==> flow/design.v <==
module gen_sub_unit_mod #(
    parameter int DATA_WIDTH = 80
) (
    input  logic CLK,
    input  logic [DATA_WIDTH-1:0] i_x,
    input  logic [DATA_WIDTH-1:0] i_y,
    output logic [DATA_WIDTH-1:0] o_diff
);
    logic [DATA_WIDTH-1:0] x_d1;
    logic [DATA_WIDTH-1:0] y_d1;
    logic [DATA_WIDTH:0] t_d1;
    always_ff @(posedge CLK) begin
        x_d1 <= i_x;
        y_d1 <= i_y;
        t_d1 <= x_d1 - y_d1;
        o_diff <= t_d1[DATA_WIDTH] ? {DATA_WIDTH{1'b0}} : t_d1[DATA_WIDTH-1:0];
    end
endmodule
Step by step through the tools: gen_sub_unit_mod
What the tools print for gen_sub_unit_mod, step after step.
Lines are those of the file above, counted from 1.
Operators: Yosys type, input widths -> output width; for muxes data width and select width s.
{"block": "inputs", "top_module": "gen_sub_unit_mod", "clock_port": "CLK", "library": "sky130hd", "corner": "tt_025C_1v80"}

Word level
Yosys after proc, flatten, opt, wreduce and memory -nomap, before mapping. Enables and synchronous resets that opt folds into registers are not counted as muxes. Memory bits, and registers merged into a memory's read port (data or address), are not among the register bits. Print and check cells are not counted. Equal cells are merged and count once.
{"block": "word_totals", "register_bits": 321, "out_inout_bits": 80, "input_bits": 161, "elab_cells": 5}
{"block": "classes", "add_sub_neg": 1}
{"block": "op_table", "cell": "$sub 80x80->81", "n": 1}

Depth
Longest topological path by Yosys (ltp), each cell counted once; first at word level (registers and memories cut), then after technology mapping (sequential cells cut; the memories' decode and read muxes count).
{"block": "depth", "word_depth": 1, "ABC_AREA": 0, "depth_mapped": 13, "ltp_nobuf": 13}

Netlist
The flow's flattened synthesis, as Yosys stat reports it; memories are mapped. The netlist is that of the ABC_AREA named above (0 if unset); the other value can give another one.
Totals and module areas in this step are rounded.
{"block": "types", "type": "sky130_fd_sc_hd__dfxtp_1", "n": 321}
{"block": "types", "type": "sky130_fd_sc_hd__ha_1", "n": 80}
{"block": "types", "type": "sky130_fd_sc_hd__nor2b_1", "n": 83}
{"block": "types", "type": "sky130_fd_sc_hd__a21oi_1", "n": 98}
{"block": "types", "type": "sky130_fd_sc_hd__xnor2_1", "n": 47}
{"block": "types", "type": "sky130_fd_sc_hd__a21o_1", "n": 52}
{"block": "types", "type": "sky130_fd_sc_hd__inv_1", "n": 100}
{"block": "types", "type": "sky130_fd_sc_hd__nand2_1", "n": 72}
{"block": "types", "type": "sky130_fd_sc_hd__xor2_1", "n": 30}
{"block": "types", "type": "sky130_fd_sc_hd__o21ai_0", "n": 48}
{"block": "types", "type": "sky130_fd_sc_hd__nand4_1", "n": 37}
{"block": "types", "type": "sky130_fd_sc_hd__nor2_1", "n": 42}
{"block": "types", "type": "sky130_fd_sc_hd__clkbuf_1", "n": 39}
{"block": "types", "type": "sky130_fd_sc_hd__o21bai_1", "n": 16}
{"block": "types", "type": "sky130_fd_sc_hd__o21a_1", "n": 15}
{"block": "types", "type": "sky130_fd_sc_hd__nand3_1", "n": 12}
{"block": "types", "type": "sky130_fd_sc_hd__o31ai_1", "n": 8}
{"block": "types", "type": "sky130_fd_sc_hd__a211oi_1", "n": 7}
Not listed: further types 49, cells in them 103.
{"block": "mapped", "ff_cells": 321, "mapped_area_um2": 12200, "cells": 1210}

Worst setup path after synthesis
Source: OpenSTA report_checks on the synthesized netlist (no wires, ideal clock, input and output delay 20% of the period each), path of least setup slack; recovery checks are left aside. Register names are those of the netlist, which keeps one name where synthesis merged equal registers.
{"block": "synth_path", "path_type": "register -> register", "start": "register x_d1[0]", "end": "register t_d1[68]", "arrival_time_ps": 2846, "driving_pins": 14, "clock_period_ps": 3650, "n_path_buf": 0, "setup_slack_ps": 732, "path_delay_ps": 2918, "launch_ps": 0, "period_less_setup_slack_ps": 2918}
"path_delay_ps" is the arrival time less input delay plus setup time.
"driving_pins": output pins that drive a net of the path, with the launching flip-flop's if there is one; two outputs of one cell count as two.
"period_less_setup_slack_ps" = period - worst setup slack (recovery checks aside). The figure is calculated, with input and output delays left at 20% of the set period.
Between the ends stands the longest chain of elaborated cells between them, by number of cells; it is not shown to be the way that was timed. Of several equally long chains one is given.
A line is the first line of the expression or statement that the cell stems from. Yosys adds cells for indexed reads and writes and turns some case tables into memories.
{"block": "synth_via", "cell_sequence": "sky130_fd_sc_hd__dfxtp_1 > sky130_fd_sc_hd__inv_1 > sky130_fd_sc_hd__ha_1 > sky130_fd_sc_hd__fa_1 > sky130_fd_sc_hd__nor2b_2 > sky130_fd_sc_hd__o31ai_4 > sky130_fd_sc_hd__a2111oi_2 > sky130_fd_sc_hd__nand4b_1 > sky130_fd_sc_hd__a31o_2 > sky130_fd_sc_hd__a211oi_2 > sky130_fd_sc_hd__o21a_1 > sky130_fd_sc_hd__o21a_1 > sky130_fd_sc_hd__o41ai_2 > sky130_fd_sc_hd__xnor2_1", "elab_chain_len": 1, "cells_between": 1, "classes_between": "add/sub (1)"}
{"block": "synth_rtl", "item": "start: declaration", "line_no": 9, "rtl": "logic [DATA_WIDTH-1:0] x_d1;"}
{"block": "synth_rtl", "item": "start: assignment", "line_no": 13, "rtl": "x_d1 <= i_x;"}
{"block": "synth_rtl", "item": "$sub 80x80->81", "line_no": 15, "rtl": "t_d1 <= x_d1 - y_d1;"}
{"block": "synth_rtl", "item": "end: assignment", "line_no": 15}
{"block": "synth_rtl", "item": "end: declaration", "line_no": 11, "rtl": "logic [DATA_WIDTH:0] t_d1;"}

Timing after layout
From the final timing report of flow run A: the path of least setup slack in the routed layout; clock arrival at registers is part of the times.
The path's times are printed in steps of 10 ps; the period is the one set.
{"block": "layout_path", "path_type": "register -> register", "start": "register y_d1[22]", "end": "register t_d1[77]", "clock_period_ps": 3650, "n_path_buf": 0, "driving_pins": 13, "arrival_time_ps": 3860, "launch_ps": 500, "setup_slack_ps": 170}
Between the ends stands the longest chain of elaborated cells between them, by number of cells; it is not shown to be the way that was timed. Of several equally long chains one is given.
{"block": "layout_via", "cell_sequence": "sky130_fd_sc_hd__dfxtp_1 > sky130_fd_sc_hd__inv_1 > sky130_fd_sc_hd__ha_1 > sky130_fd_sc_hd__a21oi_1 > sky130_fd_sc_hd__o21ai_0 > sky130_fd_sc_hd__a21o_1 > sky130_fd_sc_hd__a211oi_1 > sky130_fd_sc_hd__o31ai_2 > sky130_fd_sc_hd__a211oi_1 > sky130_fd_sc_hd__nor3_1 > sky130_fd_sc_hd__nor3_1 > sky130_fd_sc_hd__a41oi_1 > sky130_fd_sc_hd__xor2_1", "elab_chain_len": 1, "cells_between": 1, "classes_between": "add/sub (1)"}
{"block": "layout_rtl", "item": "start: declaration", "line_no": 10, "rtl": "logic [DATA_WIDTH-1:0] y_d1;"}
{"block": "layout_rtl", "item": "start: assignment", "line_no": 14, "rtl": "y_d1 <= i_y;"}
{"block": "layout_rtl", "item": "$sub 80x80->81", "line_no": 15, "rtl": "t_d1 <= x_d1 - y_d1;"}
{"block": "layout_rtl", "item": "end: assignment", "line_no": 15}
{"block": "layout_rtl", "item": "end: declaration", "line_no": 11, "rtl": "logic [DATA_WIDTH:0] t_d1;"}

Top module gen_sub_unit_mod; platform sky130hd; tools Yosys and OpenROAD; 3 stored runs in no particular order. Input and output delays are each 20% of the period that was set; the output load is 0.01 pF.
By "achieved_period_ps" is meant the clock period of the run minus its worst setup slack. This is arithmetic on one report: input and output delays are still those of the set period (20% each).
"timing.worst_path_ps" = time allowed to the worst setup path (clock period - input delay - output delay, where it has them) - its slack; a late launch clock adds to it, a late capture clock takes from it.
By "total_power_uw" is meant OpenSTA's value without simulated activity: inputs other than the clock are taken to toggle once in ten clock periods, and the tool carries that through the logic.
"timing.worst_path_ps" is given in steps of 10 ps.
The results are shown rounded.

{"run": "flow run A", "settings": { "period_ns": 3.65, "CAP_MARGIN": 20, "CORE_MARGIN": 2, "CORE_UTILIZATION": 40, "SLEW_MARGIN": 20 }, "results": { "synthesis_area_um2": 12200, "dieArea_um2": 31900, "final_cell_area_um2": 16100, "utilization_pct": 54.2, "worstSetupSlack_ps": 175, "timing.setup.tns_ps": 0, "hold_worst_slack_ps": 433, "total_power_uw": 9340, "achieved_period_ps": 3475, "timing.worst_path_ps": 3480, "critical_path_kind": "register -> register" }}
{"run": "flow run B", "settings": { "period_ns": 2.55, "CORE_UTILIZATION": 49, "SETUP_SLACK_MARGIN": 0.22, "PLACE_DENSITY_LB_ADDON": 0.11, "CELL_PAD_IN_SITES_DETAIL_PLACEMENT": 0, "ABC_AREA": 1, "CTS_CLUSTER_SIZE": 80, "CTS_CLUSTER_DIAMETER": 230, "CAP_MARGIN": 30, "MIN_ROUTING_LAYER": "met2", "CORE_MARGIN": 2, "SLEW_MARGIN": 20 }, "results": { "synthesis_area_um2": 14700, "dieArea_um2": 31400, "final_cell_area_um2": 18600, "utilization_pct": 62.8, "worstSetupSlack_ps": 195, "timing.setup.tns_ps": 0, "hold_worst_slack_ps": 268, "total_power_uw": 11100, "achieved_period_ps": 2355, "timing.worst_path_ps": 2360, "critical_path_kind": "register -> register" }}
{"run": "flow run C", "settings": { "period_ns": 3.31, "CORE_UTILIZATION": 25, "SETUP_SLACK_MARGIN": 0.88, "PLACE_DENSITY": 0.4, "CELL_PAD_IN_SITES_DETAIL_PLACEMENT": 2, "GPL_TIMING_DRIVEN": 0, "GPL_ROUTABILITY_DRIVEN": 0, "MIN_ROUTING_LAYER": "met1", "MAX_ROUTING_LAYER": "met4", "CAP_MARGIN": 20, "CORE_MARGIN": 2, "SLEW_MARGIN": 20 }, "results": { "synthesis_area_um2": 12200, "dieArea_um2": 50500, "final_cell_area_um2": 18800, "utilization_pct": 39.2, "worstSetupSlack_ps": 113, "timing.setup.tns_ps": 0, "hold_worst_slack_ps": 436, "total_power_uw": 11100, "achieved_period_ps": 3197, "timing.worst_path_ps": 3200, "critical_path_kind": "register -> register" }}
